==> flow/design.v <==
module cmp_unit_blk #(
    parameter int W = 24
) (
    input logic core_clk,
    input logic clr,
    input logic [W-1:0] lhs_in,
    input logic [W-1:0] rhs_in,
    output logic a_lt_b_out,
    output logic is_eq_out,
    output logic gt_out
);
    always_ff @(posedge core_clk or posedge clr) begin
        if (clr) begin
            a_lt_b_out <= 1'b0;
            is_eq_out <= 1'b0;
            gt_out <= 1'b0;
        end else begin
            a_lt_b_out <= (lhs_in < rhs_in);
            is_eq_out <= (lhs_in == rhs_in);
            gt_out <= (lhs_in > rhs_in);
        end
    end
endmodule
### Step by step through the tools: cmp_unit_blk

Tool output for the design above, in the order of the flow.
Lines are those of the file above, counted from 1.
Operators carry their Yosys type and port widths (W data, S select, Z words).
Library cell names are shortened.
Not given: --

* top: cmp_unit_blk
* clock: core_clk
* library: sky130hd
* library corner: tt_025C_1v80

### Elaborated design

Counts by Yosys on the flattened word-level netlist (proc, flatten, opt, wreduce; memories kept). Register bits leave out memories and registers merged into their read ports (data or address); mux counts leave out enables and synchronous resets folded into registers. Print and check cells are left out. Cells with the same type and inputs are merged into one.

* register bits: 3
* input bits: 50
* output and inout port bits: 3
* word-level cells: 6

* order comparisons: 2
* equality and inequality tests: 1

Operators by type and width (number)
* $gt A24 B24 Y1: 1
* $lt A24 B24 Y1: 1
* $eq A24 B24 Y1: 1

### Longest topological paths

Depth = most cells in a row (Yosys ltp): at word level without a register or memory, in the mapped netlist without a sequential cell, where the memories' decode and read muxes count.

* word-level depth: 1
* ABC_AREA: 0
* depth in mapped cells: 7
* depth with buffers taken out: 7

### Netlist

Source: synth_stat.txt of the flow (Yosys; design flattened, memories mapped). It holds for the ABC_AREA given above (unset counts as 0); a run with the other value may have another netlist.
Totals and module areas in this step are rounded.

* cells in the netlist: 89
* synthesis area: 0.000708 mm2
* sequential part of the area: 0.0000751 mm2
* flip-flop cells: 3
* buffers: 0

Cell types
* ha_1: number 24, area in all 300.288 um2
* inv_1: number 25, area in all 93.84 um2
* dfrtp_1: number 3, area in all 75.072 um2
* a21oi_1: number 9, area in all 45.043 um2
* nand4_1: number 5, area in all 31.28 um2
* nand2_1: number 4, area in all 15.014 um2
* nor2b_4: number 1, area in all 13.763 um2
* nand4_2: number 1, area in all 12.512 um2
* o211ai_2: number 1, area in all 12.512 um2
* nand3_1: number 2, area in all 10.01 um2
* nor3_2: number 1, area in all 10.01 um2
* o21ai_0: number 2, area in all 10.01 um2
* a211o_1: number 1, area in all 8.758 um2
* a221oi_1: number 1, area in all 8.758 um2
* a41oi_1: number 1, area in all 8.758 um2
* and4_1: number 1, area in all 8.758 um2
* o311ai_1: number 1, area in all 8.758 um2
* a21boi_0: number 1, area in all 7.507 um2

Not listed: further types 4, cells in them 5.

### Worst setup path after synthesis

Path of least setup slack by OpenSTA after synthesis, without wires, with an ideal clock, recovery checks aside; 20% of the period is set as input and as output delay. Where synthesis merged equal registers, the netlist keeps one of their names.

* kind: input-to-reg
* start: input rhs_in[1]
* end: register gt_out
* clock period: 1780 ps
* input delay: 356 ps
* library setup time: 144 ps
* time at the first pin: 356 ps
* arrival time: 1351 ps
* data required time: 1636 ps
* path slack: 285 ps
* path delay: 1139 ps
* stages on the path: 7
* path buffers: 0
* synthesis period reached: 1495 ps

"path delay" = arrival - input delay + setup time.
"stages on the path": output pins that drive a net of the path, with the launching flip-flop's if there is one; two outputs of one cell count as two.
"synthesis period reached" = period - worst setup slack (recovery checks aside). The figure is calculated, with input and output delays left at 20% of the set period.
The rows between start and end are the longest chain of elaborated cells between them; the timing report does not say that the signal goes this way. Where chains are equally long, one stands for them.
Each line given opens the expression or statement behind the cell; cells for indexed reads and writes are added by Yosys, which also makes memories of some case tables.

* cell sequence: inv_1 > ha_1 > nor2b_4 > o211ai_2 > a21oi_1 > o311ai_1 > a41oi_1
* cells in the longest elaborated chain: 1
* elaborated cells between the ends (all ways): 1
* source lines of those cells: 1
* those cells by class: compare (1)

RTL lines, path post-synthesis
* start: declaration: line 7 `input logic [W-1:0] rhs_in,`
* $gt A24 B24 Y1: line 20 `gt_out <= (lhs_in > rhs_in);`
* end: assignment: line 16 `gt_out <= 1'b0;`
* end: assignment: line 20
* end: declaration: line 10 `output logic gt_out`

### Worst path after layout

Path of least setup slack in the final report of flow run 3 (OpenROAD, finished layout, wires in). Where an end is a register, its clock arrival counts in the times.
The report prints the path's times to 10 ps; the period is as set.

* kind: input-to-reg
* start: input rhs_in[14]
* end: register a_lt_b_out
* clock period: 1780 ps
* input delay: 360 ps
* library setup time: 110 ps
* time at the first pin: 360 ps
* arrival time: 1930 ps
* data required time: 1910 ps
* path slack: -20 ps
* stages on the path: 7
* path buffers: 1

The rows between start and end are the longest chain of elaborated cells between them; the timing report does not say that the signal goes this way. Where chains are equally long, one stands for them.

* cell sequence: clkdlybuf4s50_1 > inv_1 > ha_4 > nand4_1 > nor3_4 > o311ai_2 > and4_1
* cells in the longest elaborated chain: 1
* elaborated cells between the ends (all ways): 1
* source lines of those cells: 1
* those cells by class: compare (1)

RTL lines, path after layout
* start: declaration: line 7 `input logic [W-1:0] rhs_in,`
* $lt A24 B24 Y1: line 18 `a_lt_b_out <= (lhs_in < rhs_in);`
* end: assignment: line 14 `a_lt_b_out <= 1'b0;`
* end: assignment: line 18
* end: declaration: line 8 `output logic a_lt_b_out,`

==> runs of cmp_unit_blk <==
cmp_unit_blk through Yosys and OpenROAD on sky130hd: 3 stored runs, unordered, with their settings and measured results. The constraints put input and output delay at 20% of the set period each and load the outputs with 0.01 pF.
"overall power": no workload was simulated; the value follows from the tool's default switching activity.
Values from the reports are rounded here.

### Flow run 1

==> flow/run.sh <==
#!/bin/bash
# the make line also repeats the synthesis and layout settings of config.mk as NAME=value (left out here)
make -C /OpenROAD-flow-scripts/flow DESIGN_CONFIG=/design/flow/config.mk WORK_HOME=/design/flow/orfs CLKGATE_MAP_FILE= finish
==> flow/config.mk <==
export PLATFORM = sky130hd
export DESIGN_NAME = cmp_unit_blk
export DESIGN_NICKNAME = cmp_unit_blk
export VERILOG_FILES = /design/flow/design.v
export SDC_FILE = /design/flow/constraint.sdc
export NUM_CORES = 4
export LEC_CHECK = 0
export ABC_AREA = 1
export CAP_MARGIN = 40
export CELL_PAD_IN_SITES_GLOBAL_PLACEMENT = 2
export CORE_MARGIN = 2
export CORE_UTILIZATION = 55
export CTS_CLUSTER_DIAMETER = 290
export GPL_TIMING_DRIVEN = 0
export MAX_ROUTING_LAYER = met4
export PLACE_DENSITY = 0.48
export SETUP_SLACK_MARGIN = -0.04
export SLEW_MARGIN = 20
==> flow/constraint.sdc <==
create_clock -name core_clock -period 1.38 [get_ports {core_clk}]
set_input_delay 0.2760 -clock core_clock [delete_from_list [all_inputs] [get_ports {core_clk}]]
set_output_delay 0.2760 -clock core_clock [all_outputs]
set_load 0.01 [all_outputs]

Outcome of flow run 1: incomplete, placement halted on GPL-0301

### Flow run 2

==> flow/run.sh <==
#!/bin/bash
# the make line also repeats the synthesis and layout settings of config.mk as NAME=value (left out here)
make -C /OpenROAD-flow-scripts/flow DESIGN_CONFIG=/design/flow/config.mk WORK_HOME=/design/flow/orfs CLKGATE_MAP_FILE= finish
==> flow/config.mk <==
export PLATFORM = sky130hd
export DESIGN_NAME = cmp_unit_blk
export DESIGN_NICKNAME = cmp_unit_blk
export VERILOG_FILES = /design/flow/design.v
export SDC_FILE = /design/flow/constraint.sdc
export NUM_CORES = 4
export LEC_CHECK = 0
export CAP_MARGIN = 40
export CELL_PAD_IN_SITES_DETAIL_PLACEMENT = 2
export CELL_PAD_IN_SITES_GLOBAL_PLACEMENT = 3
export CORE_MARGIN = 3
export CORE_UTILIZATION = 55
export CTS_CLUSTER_SIZE = 13
export MAX_ROUTING_LAYER = met5
export MIN_ROUTING_LAYER = met2
export PLACE_DENSITY_LB_ADDON = 0.24
export SETUP_SLACK_MARGIN = 0.07
export SLEW_MARGIN = 20
==> flow/constraint.sdc <==
create_clock -name core_clock -period 1.14 [get_ports {core_clk}]
set_input_delay 0.2280 -clock core_clock [delete_from_list [all_inputs] [get_ports {core_clk}]]
set_output_delay 0.2280 -clock core_clock [all_outputs]
set_load 0.01 [all_outputs]

Outcome of flow run 2: incomplete, placement halted on FLW-0024

### Flow run 3

==> flow/run.sh <==
#!/bin/bash
# the make line also repeats the synthesis and layout settings of config.mk as NAME=value (left out here)
make -C /OpenROAD-flow-scripts/flow DESIGN_CONFIG=/design/flow/config.mk WORK_HOME=/design/flow/orfs CLKGATE_MAP_FILE= finish
==> flow/config.mk <==
export PLATFORM = sky130hd
export DESIGN_NAME = cmp_unit_blk
export DESIGN_NICKNAME = cmp_unit_blk
export VERILOG_FILES = /design/flow/design.v
export SDC_FILE = /design/flow/constraint.sdc
export NUM_CORES = 4
export LEC_CHECK = 0
export CAP_MARGIN = 20
export CORE_MARGIN = 2
export CORE_UTILIZATION = 40
export SLEW_MARGIN = 20
==> flow/constraint.sdc <==
create_clock -name core_clock -period 1.78 [get_ports {core_clk}]
set_input_delay 0.3560 -clock core_clock [delete_from_list [all_inputs] [get_ports {core_clk}]]
set_output_delay 0.3560 -clock core_clock [all_outputs]
set_load 0.01 [all_outputs]

Results of flow run 3:
- Area of the standard cells in the finished layout: 0.00155 mm2
- Mapped cell area after synthesis: 0.000708 mm2
- Overall die area: 0.00212 mm2
- Overall power: 549 µW
- Final utilization: 91.9%
- Worst setup slack after layout: -24 ps
